==> flow/design.v <==
module core_shift_unit_p (clk, ch, sa, o);
    parameter XLEN = 64;
    localparam LG = $clog2(XLEN);
    input clk;
    input signed [XLEN-1:0] ch;
    input [LG-1:0] sa;
    output [XLEN-1:0] o;
    reg signed [XLEN-1:0] ch_q;
    reg [LG-1:0] sa_q;
    always @(posedge clk) begin
        ch_q <= ch;
        sa_q <= sa;
    end
    assign o = ch_q >>> sa_q;
endmodule
# --- Step by step through the tools: core_shift_unit_p ---
# What the tools print for core_shift_unit_p, step after step.
# Lines are those of the file above, counted from 1.
# Cell names lack the library's common part.
inputs:
  top: "core_shift_unit_p"
  clock_port: "clk"
  lib: "sky130hd"
  corner: "tt_025C_1v80"

# --- After elaboration ---
# Source: Yosys, flattened and elaborated, memories not mapped. Widths are those after wreduce; folded enables and synchronous resets count as part of the registers. Registers that Yosys merges into a memory's read port (data or address) are not register bits. Print and check cells do not count. Equal cells are merged and count once.
bits:
  rom_bits: 0
  mem_count: 0
  regBits: 70
  output_inout_bits: 64
  elab_cells: 3
  latchBits: 0
  input_bits: 71
  mem_bits_rw: 0
  clocked_rd_ports_x_width: 0
op_classes:
  reduce_and_logical: 0
  equal: 0
  bitwise: 0
  n_cmp: 0
  n_mul: 0
  mux: 0
  n_addsub: 0
  shift: 1
  n_div: 0
op_table:
  columns: ["operator", "count"]
  rows:
  - [">>> shifter 64 x 6 -> 64 bit", 1]

# --- Depth ---
# Longest topological path by Yosys (ltp), each cell counted once; first at word level (registers and memories cut), then after technology mapping (sequential cells cut; the memories' decode and read muxes count).
depth:
  word_depth: 1
  ABC_AREA: 0
  depth_mapped: 9
  ltp_nobuf: 5

# --- After synthesis ---
# The flow's flattened synthesis, as Yosys stat reports it; memories are mapped. The netlist is that of the ABC_AREA named above (0 if unset); the other value can give another one.
types:
  columns: ["cell", "count"]
  rows:
  - ["mux4_2", 66]
  - ["dfxtp_1", 70]
  - ["mux2i_1", 55]
  - ["mux2_2", 36]
  - ["nand2_1", 82]
  - ["mux4_1", 9]
  - ["o21ai_0", 38]
  - ["o221ai_1", 17]
  - ["nor2_1", 39]
  - ["clkbuf_1", 29]
  - ["a21oi_1", 20]
  - ["buf_2", 15]
  - ["nand2b_1", 12]
  - ["o211ai_1", 10]
  - ["a221oi_1", 7]
  - ["nand3_1", 11]
  - ["a211oi_1", 6]
  - ["buf_6", 4]
# Other cell types: 37; their cells: 120.
mapped:
  mapped_area_um2: 6369.9
  mapped_cells: 646
  ffs: 70

# --- Timing after synthesis ---
# OpenSTA on the mapped netlist: ideal clock, no wires. The path of least setup slack (recovery checks aside). Input and output delay are each 20% of the period. Register names are those of the netlist, which keeps one name where synthesis merged equal registers.
synth_timing:
  path_type: "register to output"
  startpoint: "register sa_q[0]"
  endpoint: "output o[4]"
  t_arrival_ns: 2.110
  path_slack_ns: 0.530
  path_buffers: 1
  path_delay_ns: 2.110
  output_delay_ns: 0.660
  tclk_ns: 3.3
  stages: 7
  synth_period_reached_ns: 2.77
# "path_delay_ns" = arrival - input delay + setup time.
# At an output port there is no setup time.
# "stages" counts driving pins, that of a launching flip-flop among them; a cell with two outputs on the path counts twice.
# "synth_period_reached_ns" = period - worst setup slack (recovery checks aside). The figure is calculated, with input and output delays left at 20% of the set period.
# The rows between start and end are the longest chain of elaborated cells between them; the timing report does not say that the signal goes this way. Where chains are equally long, one stands for them.
# Each line given opens the expression or statement behind the cell; cells for indexed reads and writes are added by Yosys, which also makes memories of some case tables.
synth_via:
  cell_sequence: "dfxtp_1 buf_6 mux4_1 mux4_2 a221o_1 nand2_1 o211ai_1"
  elab_chain_len: 1
  cone_cells: 1
  lines_between: 1
  classes_between: "1 x shift"
synth_rtl:
  columns: ["item", "line_no", "text"]
  rows:
  - ["from (decl)", 9, "reg [LG-1:0] sa_q;"]
  - ["from (assign)", 12, "sa_q <= sa;"]
  - [">>> shifter 64 x 6 -> 64 bit", 14, "assign o = ch_q >>> sa_q;"]
  - ["to (decl)", 7, "output [XLEN-1:0] o;"]

# --- Timing after layout ---
# From the final timing report of stored run 1: the path of least setup slack in the routed layout; clock arrival at registers is part of the times.
layout_timing:
  path_type: "register to output"
  startpoint: "register sa_q[0]"
  endpoint: "output o[22]"
  t_arrival_ns: 2.81
  path_slack_ns: -0.17
  output_delay_ns: 0.66
  tclk_ns: 3.3
  path_buffers: 5
  stages: 10
# The rows between start and end are the longest chain of elaborated cells between them; the timing report does not say that the signal goes this way. Where chains are equally long, one stands for them.
layout_via:
  cell_sequence: "dfxtp_4 buf_6 buf_6 mux2i_2 a222oi_1 buf_4 buf_6 o221ai_4 a222oi_1 buf_2"
  elab_chain_len: 1
  cone_cells: 1
  lines_between: 1
  classes_between: "1 x shift"
layout_rtl:
  columns: ["item", "line_no", "text"]
  rows:
  - ["from (decl)", 9, "reg [LG-1:0] sa_q;"]
  - ["from (assign)", 12, "sa_q <= sa;"]
  - [">>> shifter 64 x 6 -> 64 bit", 14, "assign o = ch_q >>> sa_q;"]
  - ["to (decl)", 7, "output [XLEN-1:0] o;"]

# core_shift_unit_p through Yosys and OpenROAD on sky130hd: 3 stored runs, unordered, with their settings and measured results. The constraints put input and output delay at 20% of the set period each and load the outputs with 0.01 pF.
# "period_less_ws_ns" is the run's clock period less its worst setup slack. It is reckoned from that one timing run; input and output delays stay at 20% of the period that was set.
# By "critical_path_time_ns" is meant the share of the clock period that the worst setup path is allowed (20% is reserved at inputs, 20% at outputs), minus its slack. Clock arrival times at its registers enter into it.
# By "power_uw" is meant OpenSTA's value without simulated activity: inputs other than the clock are taken to toggle once in ten clock periods, and the tool carries that through the logic.
runs:
  - name: "stored run 1"
    settings:
      period_ns: 3.3
      CAP_MARGIN: 20
      CORE_MARGIN: 2
      CORE_UTILIZATION: 40
      SLEW_MARGIN: 20
    results:
      critical_path_time_ns: 2.81
      worst_path_kind: "register to output"
      tns_setup_ns: -0.990
      layout_utilization_pct: 62.5
      period_less_ws_ns: 3.467
      fin_hold_ws_ns: 0.742
      worstSetupSlack_ns: -0.167
      power_uw: 3620
      synth_area_um2: 6369.9
      design.die.area_um2: 16949.4
      cell_area_final_um2: 9821.9
  - name: "stored run 2"
    settings:
      period_ns: 1.94
      CORE_UTILIZATION: 71
      SETUP_SLACK_MARGIN: -0.15
      PLACE_DENSITY: 0.68
      CORE_MARGIN: 10
      ABC_AREA: 0
      CAP_MARGIN: 20
      SLEW_MARGIN: 20
    outcome: "no results, placement failed with DPL-0038"
  - name: "stored run 3"
    settings:
      period_ns: 3.17
      CORE_UTILIZATION: 22
      PLACE_DENSITY: 0.58
      CELL_PAD_IN_SITES_GLOBAL_PLACEMENT: 0
      CELL_PAD_IN_SITES_DETAIL_PLACEMENT: 1
      ABC_AREA: 1
      GPL_TIMING_DRIVEN: 1
      GPL_ROUTABILITY_DRIVEN: 0
      CTS_CLUSTER_SIZE: 58
      CTS_CLUSTER_DIAMETER: 219
      CAP_MARGIN: 20
      CORE_MARGIN: 2
      SLEW_MARGIN: 20
    results:
      period_less_ws_ns: 3.104
      tns_setup_ns: 0.000
      layout_utilization_pct: 31.3
      critical_path_time_ns: 2.47
      worst_path_kind: "register to output"
      synth_area_um2: 5600.4
      design.die.area_um2: 26748.6
      worstSetupSlack_ns: 0.066
      power_uw: 3343
      cell_area_final_um2: 7865.0
      fin_hold_ws_ns: 0.720
